==> flow/design.v <==
module sync_scratch (clk, rst_n, wr_en_i, wsel_i, wr_data_i, raddr1_i, raddr2_i, q1_o, q2_o);
    parameter integer DEPTH = 32;
    parameter integer DWIDTH = 40;
    localparam integer AWIDTH = $clog2(DEPTH);
    input clk;
    input rst_n;
    input wr_en_i;
    input [AWIDTH-1:0] wsel_i;
    input [DWIDTH-1:0] wr_data_i;
    input [AWIDTH-1:0] raddr1_i;
    input [AWIDTH-1:0] raddr2_i;
    output reg [DWIDTH-1:0] q1_o;
    output reg [DWIDTH-1:0] q2_o;
    reg wr_en_s;
    reg [AWIDTH-1:0] wsel_s;
    reg [DWIDTH-1:0] wr_data_s;
    reg [DWIDTH-1:0] regs [0:DEPTH-1];
    always @(posedge clk) begin
        if (wr_en_s)
            regs[wsel_s] <= wr_data_s;
    end
    reg [AWIDTH-1:0] raddr1_s;
    reg [AWIDTH-1:0] raddr2_s;
    always @(posedge clk or negedge rst_n) begin
        if (!rst_n) begin
            wr_en_s <= 1'b0;
            wsel_s <= 0;
            wr_data_s <= 0;
            raddr1_s <= 0;
            raddr2_s <= 0;
            q1_o <= 0;
            q2_o <= 0;
        end else begin
            wr_en_s <= wr_en_i;
            wsel_s <= wsel_i;
            wr_data_s <= wr_data_i;
            raddr1_s <= raddr1_i;
            raddr2_s <= raddr2_i;
            q1_o <= regs[raddr1_s];
            q2_o <= regs[raddr2_s];
        end
    end
endmodule
---- Reports on sync_scratch ----
What the tools print for sync_scratch, step after step.
Line numbers count from 1 in the design file above.
A cell with n/a has no value.
inputs
  top module .............................. sync_scratch
  clock input ............................. clk
  library ................................. sky130hd
  library corner .......................... tt_025C_1v80

---- Word level ----
Counts by Yosys on the flattened word-level netlist (proc, flatten, opt, wreduce; memories kept). Register bits leave out memories and registers merged into their read ports (data or address); mux counts leave out enables and synchronous resets folded into registers. Print and check cells are left out.
Memory sizes are those after Yosys's memory passes, which may raise the word count (mostly to a power of two), join words into wider ones and drop unused or constant bits.
bit counts
  memories ................................ 1
  memory bits (writable) .................. 1280
  flip-flop bits (word level) ............. 56
  bits in read-only memories .............. 0
  word-level cells ........................ 11
  word width x clocked read ports ......... 80
  output and inout port bits .............. 80
  input port bits ......................... 58
  bits in latches ......................... 0
memory list
  name  depth  bits a word  read ports  wr ports  RTL line  source
  regs  32     40           2           1         17        reg [DWIDTH-1:0] regs [0:DEPTH-1];
operators by class
  shifts and indexed selects .............. 0
  add/subtract/negate cells ............... 0
  reductions and logical operators ........ 2
  div/mod/pow operators ................... 0
  mux-type cells .......................... 3
  equality and inequality tests ........... 0
  multiply operators ...................... 0
  bitwise gates (word level) .............. 0
  magnitude comparators ................... 0
operators with widths
  cell                number
  40-bit two-way mux  1
  5-bit two-way mux   1
  1-bit logical NOT   2
  1-bit two-way mux   1

---- Longest topological paths ----
Longest topological path by Yosys (ltp), each cell counted once; first at word level (registers and memories cut), then after technology mapping (sequential cells cut; the memories' decode and read muxes count).
depth
  depth after elaboration ................. 1
  ABC_AREA ................................ 0
  depth in mapped cells ................... 8
  depth with buffers taken out ............ 5

---- Netlist ----
Yosys stat after the flow's synthesis: flattened, memories mapped to cells. It holds for the ABC_AREA given above (unset counts as 0); a run with the other value may have another netlist.
The area totals of this step are shown rounded.
cell types
  cell type                  number  area in all (sq um)
  sky130_fd_sc_hd__edfxtp_1  1280    3.84E+04
  sky130_fd_sc_hd__mux2i_1   1280    1.28E+04
  sky130_fd_sc_hd__dfrtp_1   136     3.4E+03
  sky130_fd_sc_hd__a22oi_1   240     1.8E+03
  sky130_fd_sc_hd__a22o_1    160     1.4E+03
  sky130_fd_sc_hd__nand3_1   242     1.21E+03
  sky130_fd_sc_hd__a21oi_1   240     1.2E+03
  sky130_fd_sc_hd__nand2_1   243     912.125
  sky130_fd_sc_hd__buf_6     52      585.562
  sky130_fd_sc_hd__a31oi_1   80      500.48
  sky130_fd_sc_hd__clkbuf_1  116     435.418
  sky130_fd_sc_hd__buf_4     55      412.896
  sky130_fd_sc_hd__nor3_1    80      400.384
  sky130_fd_sc_hd__buf_2     72      360.346
  sky130_fd_sc_hd__nor2_1    33      123.869
  sky130_fd_sc_hd__buf_1     18      67.565
  sky130_fd_sc_hd__clkbuf_4  6       45.043
  sky130_fd_sc_hd__nand3b_1  5       37.536
Not listed: further types 7, cells in them 18.
synthesis totals
  area of sequential cells ................ 42000 sq um
  flip-flops .............................. 1416
  buffer cells ............................ 319
  cells in the netlist .................... 4356
  cell area after synthesis ............... 64000 sq um

---- Timing after synthesis ----
OpenSTA on the mapped netlist: ideal clock, no wires. The path of least setup slack (recovery checks aside). Input and output delay are each 20% of the period. Register names are those of the netlist, which keeps one name where synthesis merged equal registers.
path after synthesis
  kind .................................... reg2reg
  start point ............................. register wsel_s[1]
  end point ............................... memory regs[28][0]
  delay of the path ....................... 3159 ps
  stages .................................. 4
  period .................................. 3950 ps
  buffers on the path ..................... 1
  setup slack ............................. 790 ps
  required time ........................... 3513 ps
  time at the first pin ................... 0 ps
  library setup time ...................... 437 ps
  arrival time ............................ 2722 ps
  synthesis period reached ................ 3160 ps
"delay of the path" = arrival - input delay + setup time.
"stages" counts driving pins, that of a launching flip-flop among them; a cell with two outputs on the path counts twice.
"synthesis period reached" = period - worst setup slack (recovery checks aside). The figure is calculated, with input and output delays left at 20% of the set period.
Between the ends stands the longest chain of elaborated cells between them, by number of cells; it is not shown to be the way that was timed. Of several equally long chains one is given.
A line is the first line of the expression or statement that the cell stems from. Yosys adds cells for indexed reads and writes and turns some case tables into memories.
on the way, after synthesis
  cells stage by stage .................... sky130_fd_sc_hd__dfrtp_1 > sky130_fd_sc_hd__or3b_2 > sky130_fd_sc_hd__clkbuf_1 > sky130_fd_sc_hd__nor2_1
  cells in the longest elaborated chain ... 1
  elaborated cells on any way between the ends .. 1
  source lines of those cells ............. 1
  classes of those cells .................. mux (1)
ends and longest elaborated chain, after synthesis
  what                RTL line  source
  start: declaration  15        reg [AWIDTH-1:0] wsel_s;
  start: assignment   27        wsel_s <= 0;
  start: assignment   35        wsel_s <= wsel_i;
  5-bit two-way mux   19        if (wr_en_s)
  end: declaration    17        reg [DWIDTH-1:0] regs [0:DEPTH-1];

---- Worst path after layout ----
From the final timing report of flow run 1: the path of least setup slack in the routed layout; clock arrival at registers is part of the times.
The path's times are printed in steps of 10 ps; the period is the one set.
path post-layout
  kind .................................... reg2reg
  start point ............................. register raddr2_s[1]
  end point ............................... register q2_o[34]
  buffers on the path ..................... 2
  stages .................................. 8
  arrival time ............................ 2640 ps
  library setup time ...................... 140 ps
  time at the first pin ................... 750 ps
  required time ........................... 2550 ps
  period .................................. 1940 ps
  setup slack ............................. -90 ps
on the way, post-layout
  cells stage by stage .................... sky130_fd_sc_hd__dfrtp_4 > sky130_fd_sc_hd__buf_12 > sky130_fd_sc_hd__buf_12 > sky130_fd_sc_hd__mux2i_1 > sky130_fd_sc_hd__a22o_1 > sky130_fd_sc_hd__nor3_1 > sky130_fd_sc_hd__a31oi_1 > sky130_fd_sc_hd__nand3_1
ends and longest elaborated chain, post-layout
  what                RTL line  source
  start: declaration  23        reg [AWIDTH-1:0] raddr2_s;
  start: assignment   30        raddr2_s <= 0;
  start: assignment   38        raddr2_s <= raddr2_i;
  end: declaration    13        output reg [DWIDTH-1:0] q2_o;
No chain of elaborated cells between the ends is given.

# Flow runs of sync_scratch

Module sync_scratch, platform sky130hd: 3 stored runs of the flow (Yosys, OpenROAD) with differing settings, in no particular order. Input and output delays are each 20% of the period that was set; the output load is 0.01 pF.
"achieved period": clock period set for the run, less the worst setup slack. It is reckoned from that one timing run; input and output delays stay at 20% of the period that was set.
"allowed time less slack (worst setup path)" means the part of the period allowed to the worst setup path (the constraints hold back 20% at inputs and 20% at outputs) less its slack; where the path has registers, the arrival times of their clocks count too.
"total power of the final layout" is the tool's figure for a default switching activity; nothing was simulated.
"allowed time less slack (worst setup path)" is known to 10 ps.
The measured numbers are rounded.

======== flow run 1 ========
==> flow/run.sh <==
#!/bin/bash
# the make line also repeats the synthesis and layout settings of config.mk as NAME=value (left out here)
make -C /OpenROAD-flow-scripts/flow DESIGN_CONFIG=/design/flow/config.mk WORK_HOME=/design/flow/orfs CLKGATE_MAP_FILE= finish
==> flow/config.mk <==
export PLATFORM = sky130hd
export DESIGN_NAME = sync_scratch
export DESIGN_NICKNAME = sync_scratch
export VERILOG_FILES = /design/flow/design.v
export SDC_FILE = /design/flow/constraint.sdc
export NUM_CORES = 4
export LEC_CHECK = 0
export CAP_MARGIN = 20
export CELL_PAD_IN_SITES_GLOBAL_PLACEMENT = 2
export CORE_MARGIN = 2
export CORE_UTILIZATION = 63
export CTS_CLUSTER_SIZE = 69
export MAX_ROUTING_LAYER = met4
export PLACE_DENSITY_LB_ADDON = 0.03
export SETUP_SLACK_MARGIN = -0.01
export SLEW_MARGIN = 40
==> flow/constraint.sdc <==
create_clock -name core_clock -period 1.94 [get_ports {clk}]
set_input_delay 0.3880 -clock core_clock [delete_from_list [all_inputs] [get_ports {clk}]]
set_output_delay 0.3880 -clock core_clock [all_outputs]
set_load 0.01 [all_outputs]

-------- measured, flow run 1 --------
  lowest setup slack ...................... -93 ps
  total power of the final layout ......... 68 mW
  sum of negative setup slack ............. -350 ps
  area of the die ......................... 100000 sq um
  utilization of the finished layout ...... 76 %
  chip area in the Yosys report ........... 64000 sq um
  allowed time less slack (worst setup path) .. 2030 ps
  class of the worst setup path ........... reg2reg
  standard-cell area after routing ........ 77000 sq um
  achieved period ......................... 2033 ps

======== flow run 2 ========
==> flow/run.sh <==
#!/bin/bash
# the make line also repeats the synthesis and layout settings of config.mk as NAME=value (left out here)
make -C /OpenROAD-flow-scripts/flow DESIGN_CONFIG=/design/flow/config.mk WORK_HOME=/design/flow/orfs CLKGATE_MAP_FILE= finish
==> flow/config.mk <==
export PLATFORM = sky130hd
export DESIGN_NAME = sync_scratch
export DESIGN_NICKNAME = sync_scratch
export VERILOG_FILES = /design/flow/design.v
export SDC_FILE = /design/flow/constraint.sdc
export NUM_CORES = 4
export LEC_CHECK = 0
export CAP_MARGIN = 5
export CELL_PAD_IN_SITES_GLOBAL_PLACEMENT = 0
export CORE_MARGIN = 2
export CORE_UTILIZATION = 47
export CTS_CLUSTER_SIZE = 26
export GPL_TIMING_DRIVEN = 0
export MAX_ROUTING_LAYER = met4
export PLACE_DENSITY_LB_ADDON = 0.08
export SLEW_MARGIN = 25
export TNS_END_PERCENT = 15
==> flow/constraint.sdc <==
create_clock -name core_clock -period 1.93 [get_ports {clk}]
set_input_delay 0.3860 -clock core_clock [delete_from_list [all_inputs] [get_ports {clk}]]
set_output_delay 0.3860 -clock core_clock [all_outputs]
set_load 0.01 [all_outputs]

-------- measured, flow run 2 --------
  lowest setup slack ...................... -270 ps
  total power of the final layout ......... 71 mW
  sum of negative setup slack ............. -44000 ps
  area of the die ......................... 140000 sq um
  utilization of the finished layout ...... 60 %
  chip area in the Yosys report ........... 64000 sq um
  allowed time less slack (worst setup path) .. 2200 ps
  class of the worst setup path ........... reg2reg
  standard-cell area after routing ........ 82000 sq um
  achieved period ......................... 2197 ps

======== flow run 3 ========
==> flow/run.sh <==
#!/bin/bash
# the make line also repeats the synthesis and layout settings of config.mk as NAME=value (left out here)
make -C /OpenROAD-flow-scripts/flow DESIGN_CONFIG=/design/flow/config.mk WORK_HOME=/design/flow/orfs CLKGATE_MAP_FILE= finish
==> flow/config.mk <==
export PLATFORM = sky130hd
export DESIGN_NAME = sync_scratch
export DESIGN_NICKNAME = sync_scratch
export VERILOG_FILES = /design/flow/design.v
export SDC_FILE = /design/flow/constraint.sdc
export NUM_CORES = 4
export LEC_CHECK = 0
export CAP_MARGIN = 20
export CORE_MARGIN = 2
export CORE_UTILIZATION = 40
export SLEW_MARGIN = 20
==> flow/constraint.sdc <==
create_clock -name core_clock -period 3.95 [get_ports {clk}]
set_input_delay 0.7900 -clock core_clock [delete_from_list [all_inputs] [get_ports {clk}]]
set_output_delay 0.7900 -clock core_clock [all_outputs]
set_load 0.01 [all_outputs]

-------- measured, flow run 3 --------
  lowest setup slack ...................... 1300 ps
  total power of the final layout ......... 34 mW
  sum of negative setup slack ............. 0 ps
  area of the die ......................... 160000 sq um
  utilization of the finished layout ...... 46 %
  chip area in the Yosys report ........... 64000 sq um
  allowed time less slack (worst setup path) .. 1910 ps
  class of the worst setup path ........... reg2out
  standard-cell area after routing ........ 74000 sq um
  achieved period ......................... 2696 ps
